==> flow/design.v <==
module gen_times #(
  parameter integer DATA_WIDTH = 36,
  parameter integer GAIN = 683,
  parameter integer SUM_W = DATA_WIDTH + $clog2(GAIN + 1)
) (
  input  wire sys_clk,
  input  wire RST,
  input  wire [DATA_WIDTH-1:0] i_in0,
  output reg [SUM_W-1:0] o_m
);
  reg [SUM_W-1:0] t;
  integer i;
  always @* begin
    t = 0;
    for (i = 0; i < SUM_W - DATA_WIDTH; i = i + 1)
      if ((GAIN >> i) & 1) t = t + (i_in0 << i);
  end
  always @(posedge sys_clk) begin
    if (RST) begin
      o_m <= 0;
    end else begin
      o_m <= t;
    end
  end
endmodule
### Step by step through the tools: gen_times

What the tools print for gen_times, step after step.
Line numbers count from 1 in the design file above.
Library cell names are shortened.
Not given: --

| design | value |
|---|---|
| design top | gen_times |
| clock input | sys_clk |
| library | sky130hd |
| library corner | tt_025C_1v80 |

### Elaborated design

Yosys after proc, flatten, opt, wreduce and memory -nomap, before mapping. Enables and synchronous resets that opt folds into registers are not counted as muxes. Memory bits, and registers merged into a memory's read port (data or address), are not among the register bits. Print and check cells are not counted. Equal cells are merged and count once.

| cells by class | value |
|---|---|
| add/subtract/negate cells | 5 |

Operator list:

| operator | count |
|---|---|
| adder 44 x 45 -> 46 bit | 1 |
| adder 42 x 43 -> 44 bit | 1 |
| adder 40 x 41 -> 42 bit | 1 |
| adder 38 x 39 -> 40 bit | 1 |
| adder 36 x 37 -> 38 bit | 1 |

| word-level totals | value |
|---|---|
| register bits | 46 |
| input port bits | 38 |
| cells after elaboration | 6 |

### Longest topological paths

Yosys ltp: most cells in a row. Word level: on the elaborated netlist, between registers, memories and ports. Mapped: between sequential cells and ports; inverters and the memories' decode and read muxes count.

| depth | value |
|---|---|
| word-level depth | 5 |
| ABC_AREA | 1 |
| gate-level depth with buffers | 21 |
| depth with buffers taken out | 21 |

### Mapped cells and area

Yosys stat after the flow's synthesis: flattened, memories mapped to cells. It holds for the ABC_AREA given above (unset counts as 0); a run with the other value may have another netlist.
The area totals of this step are shown rounded.

Cells by type:

| cell type | count | total area (µm²) |
|---|---|---|
| fa_1 | 123 | 2.46E+03 |
| inv_1 | 386 | 1448.89 |
| nand2_1 | 246 | 923.386 |
| dfxtp_1 | 46 | 920.883 |
| ha_1 | 69 | 863.328 |
| a21oi_1 | 66 | 330.317 |
| nor2_1 | 81 | 304.042 |
| o21ai_0 | 31 | 155.149 |
| nand3_1 | 30 | 150.144 |
| nand2_2 | 21 | 131.376 |
| nand3_2 | 9 | 90.086 |
| o21bai_1 | 7 | 52.55 |
| nor2_2 | 7 | 43.792 |
| xnor2_1 | 4 | 35.034 |
| nor2_4 | 3 | 33.782 |
| nor3_1 | 5 | 25.024 |
| and2_1 | 3 | 18.768 |
| nand4_1 | 2 | 12.512 |

Not listed: further types 11, cells in them 12.

| synthesis totals | value |
|---|---|
| cells in the netlist | 1151 |
| cell area after synthesis | 0.008074 mm² |
| flip-flop cells | 46 |

### Path before layout

Source: OpenSTA report_checks on the synthesized netlist (no wires, ideal clock, input and output delay 20% of the period each), path of least setup slack; recovery checks are left aside. Register names are those of the netlist, which keeps one name where synthesis merged equal registers.

| path after synthesis | value |
|---|---|
| path type | in2reg |
| from | in i_in0[7] |
| to | reg o_m[42] |
| period | 5.95 ns |
| external input delay | 1.190 ns |
| launch time at the first pin | 1.190 ns |
| data arrival time | 4.125 ns |
| data required time | 5.835 ns |
| slack | 1.710 ns |
| path delay | 3.050 ns |
| stages | 18 |
| buffers on the path | 0 |
| period reached after synthesis | 4.24 ns |

"path delay" is the arrival time less input delay plus setup time.
"stages" counts driving pins, that of a launching flip-flop among them; a cell with two outputs on the path counts twice.
"period reached after synthesis" = period - worst setup slack (recovery checks aside). The figure is calculated, with input and output delays left at 20% of the set period.
Between the ends stands the longest chain of elaborated cells between them, by number of cells; it is not shown to be the way that was timed. Of several equally long chains one is given.
Each line given opens the expression or statement behind the cell; cells for indexed reads and writes are added by Yosys, which also makes memories of some case tables.

| on the way, after synthesis | value |
|---|---|
| cell sequence | inv_1 fa_1 inv_1 fa_1 inv_1 fa_1 inv_1 ha_1 nand2_1 inv_1 a21oi_1 nand2_1 nand2_1 nand3_2 nand2_2 nand3_1 nand2_1 nor2_1 |
| cells in the longest elaborated chain | 5 |
| elaborated cells between the ends (all ways) | 5 |
| RTL lines with such cells | 1 |
| classes of those cells | 5 x add/sub |

Ends and longest elaborated chain, after synthesis:

| what | line | text |
|---|---|---|
| start: declaration | 8 | `input  wire [DATA_WIDTH-1:0] i_in0,` |
| adder 36 x 37 -> 38 bit | 16 | `if ((GAIN >> i) & 1) t = t + (i_in0 << i);` |
| adder 38 x 39 -> 40 bit | 16 |  |
| adder 40 x 41 -> 42 bit | 16 |  |
| adder 42 x 43 -> 44 bit | 16 |  |
| adder 44 x 45 -> 46 bit | 16 |  |
| end: assignment | 20 | `o_m <= 0;` |
| end: assignment | 22 | `o_m <= t;` |
| end: declaration | 9 | `output reg [SUM_W-1:0] o_m` |

### Worst path after layout

Path of least setup slack in the final report of record 1 (OpenROAD, finished layout, wires in). Where an end is a register, its clock arrival counts in the times.

| path post-layout | value |
|---|---|
| path type | in2reg |
| from | in i_in0[6] |
| to | reg o_m[24] |
| period | 3.15 ns |
| external input delay | 0.63 ns |
| launch time at the first pin | 0.63 ns |
| data arrival time | 3.85 ns |
| data required time | 3.38 ns |
| slack | -0.47 ns |
| stages | 17 |
| buffers on the path | 2 |

Between the ends stands the longest chain of elaborated cells between them, by number of cells; it is not shown to be the way that was timed. Of several equally long chains one is given.

| on the way, post-layout | value |
|---|---|
| cell sequence | buf_4 clkinvlp_4 fa_1 inv_1 fa_1 inv_2 fa_1 inv_2 ha_4 nand2_4 nor2_4 nand2_1 nand3b_1 nand3_4 buf_12 o21ai_2 a21oi_2 |
| cells in the longest elaborated chain | 5 |
| elaborated cells between the ends (all ways) | 5 |
| RTL lines with such cells | 1 |
| classes of those cells | 5 x add/sub |

Ends and longest elaborated chain, post-layout:

| what | line | text |
|---|---|---|
| start: declaration | 8 | `input  wire [DATA_WIDTH-1:0] i_in0,` |
| adder 36 x 37 -> 38 bit | 16 | `if ((GAIN >> i) & 1) t = t + (i_in0 << i);` |
| adder 38 x 39 -> 40 bit | 16 |  |
| adder 40 x 41 -> 42 bit | 16 |  |
| adder 42 x 43 -> 44 bit | 16 |  |
| adder 44 x 45 -> 46 bit | 16 |  |
| end: assignment | 20 | `o_m <= 0;` |
| end: assignment | 22 | `o_m <= t;` |
| end: declaration | 9 | `output reg [SUM_W-1:0] o_m` |

Ticket comment

Settings and measured results of 3 stored flow runs for module gen_times (sky130hd), not sorted in any way. The constraints put input and output delay at 20% of the set period each and load the outputs with 0.01 pF.
"clock period reached" means the clock period less the worst setup slack. The figure is calculated, with input and output delays left at 20% of the set period.
"critical setup path time" means the part of the period allowed to the worst setup path (the constraints hold back 20% at inputs and 20% at outputs) less its slack; where the path has registers, the arrival times of their clocks count too.
By "total power after layout" is meant OpenSTA's value without simulated activity: inputs other than the clock are taken to toggle once in ten clock periods, and the tool carries that through the logic.
Measured values are rounded.

#### Record 1

| setting | value |
|---|---|
| period_ns | `3.15` |
| CORE_UTILIZATION | `31` |
| SETUP_SLACK_MARGIN | `-0.2` |
| PLACE_DENSITY_LB_ADDON | `0.27` |
| CORE_MARGIN | `6` |
| ABC_AREA | `1` |
| GPL_ROUTABILITY_DRIVEN | `0` |
| CTS_CLUSTER_DIAMETER | `270` |
| MAX_ROUTING_LAYER | `met4` |
| CAP_MARGIN | `20` |
| SLEW_MARGIN | `20` |

| result | value |
|---|---|
| smallest setup slack | -0.466 ns |
| critical setup path time | 2.99 ns |
| type of the worst setup path | in2reg |
| total negative slack | -13.09 ns |
| area inside the die boundary | 0.03006 mm² |
| synthesized cell area | 0.008074 mm² |
| clock period reached | 3.616 ns |
| standard-cell area of the final layout | 0.01233 mm² |
| total power after layout | 0.013 W |
| final worst hold slack | 0.701 ns |
| utilization of the finished layout | 0.487 |

#### Record 2

| setting | value |
|---|---|
| period_ns | `7.29` |
| CORE_UTILIZATION | `36` |
| SETUP_SLACK_MARGIN | `1.15` |
| PLACE_DENSITY | `0.79` |
| CORE_ASPECT_RATIO | `0.67` |
| CORE_MARGIN | `7` |
| CELL_PAD_IN_SITES_DETAIL_PLACEMENT | `0` |
| GPL_TIMING_DRIVEN | `0` |
| GPL_ROUTABILITY_DRIVEN | `1` |
| CAP_MARGIN | `5` |
| SLEW_MARGIN | `5` |
| MAX_ROUTING_LAYER | `met4` |

| result | value |
|---|---|
| area inside the die boundary | 0.02527 mm² |
| total negative slack | 0.000 ns |
| total power after layout | 0.003595 W |
| critical setup path time | 4.51 ns |
| type of the worst setup path | in2reg |
| standard-cell area of the final layout | 0.008931 mm² |
| utilization of the finished layout | 0.433 |
| clock period reached | 5.970 ns |
| synthesized cell area | 0.007537 mm² |
| final worst hold slack | 1.902 ns |
| smallest setup slack | 1.320 ns |

#### Record 3

| setting | value |
|---|---|
| period_ns | `5.95` |
| CAP_MARGIN | `20` |
| CORE_MARGIN | `2` |
| CORE_UTILIZATION | `40` |
| SLEW_MARGIN | `20` |

| result | value |
|---|---|
| total power after layout | 0.004357 W |
| total negative slack | 0.000 ns |
| critical setup path time | 4.32 ns |
| type of the worst setup path | in2reg |
| smallest setup slack | 0.439 ns |
| area inside the die boundary | 0.01996 mm² |
| final worst hold slack | 1.563 ns |
| utilization of the finished layout | 0.482 |
| synthesized cell area | 0.007537 mm² |
| clock period reached | 5.511 ns |
| standard-cell area of the final layout | 0.008949 mm² |
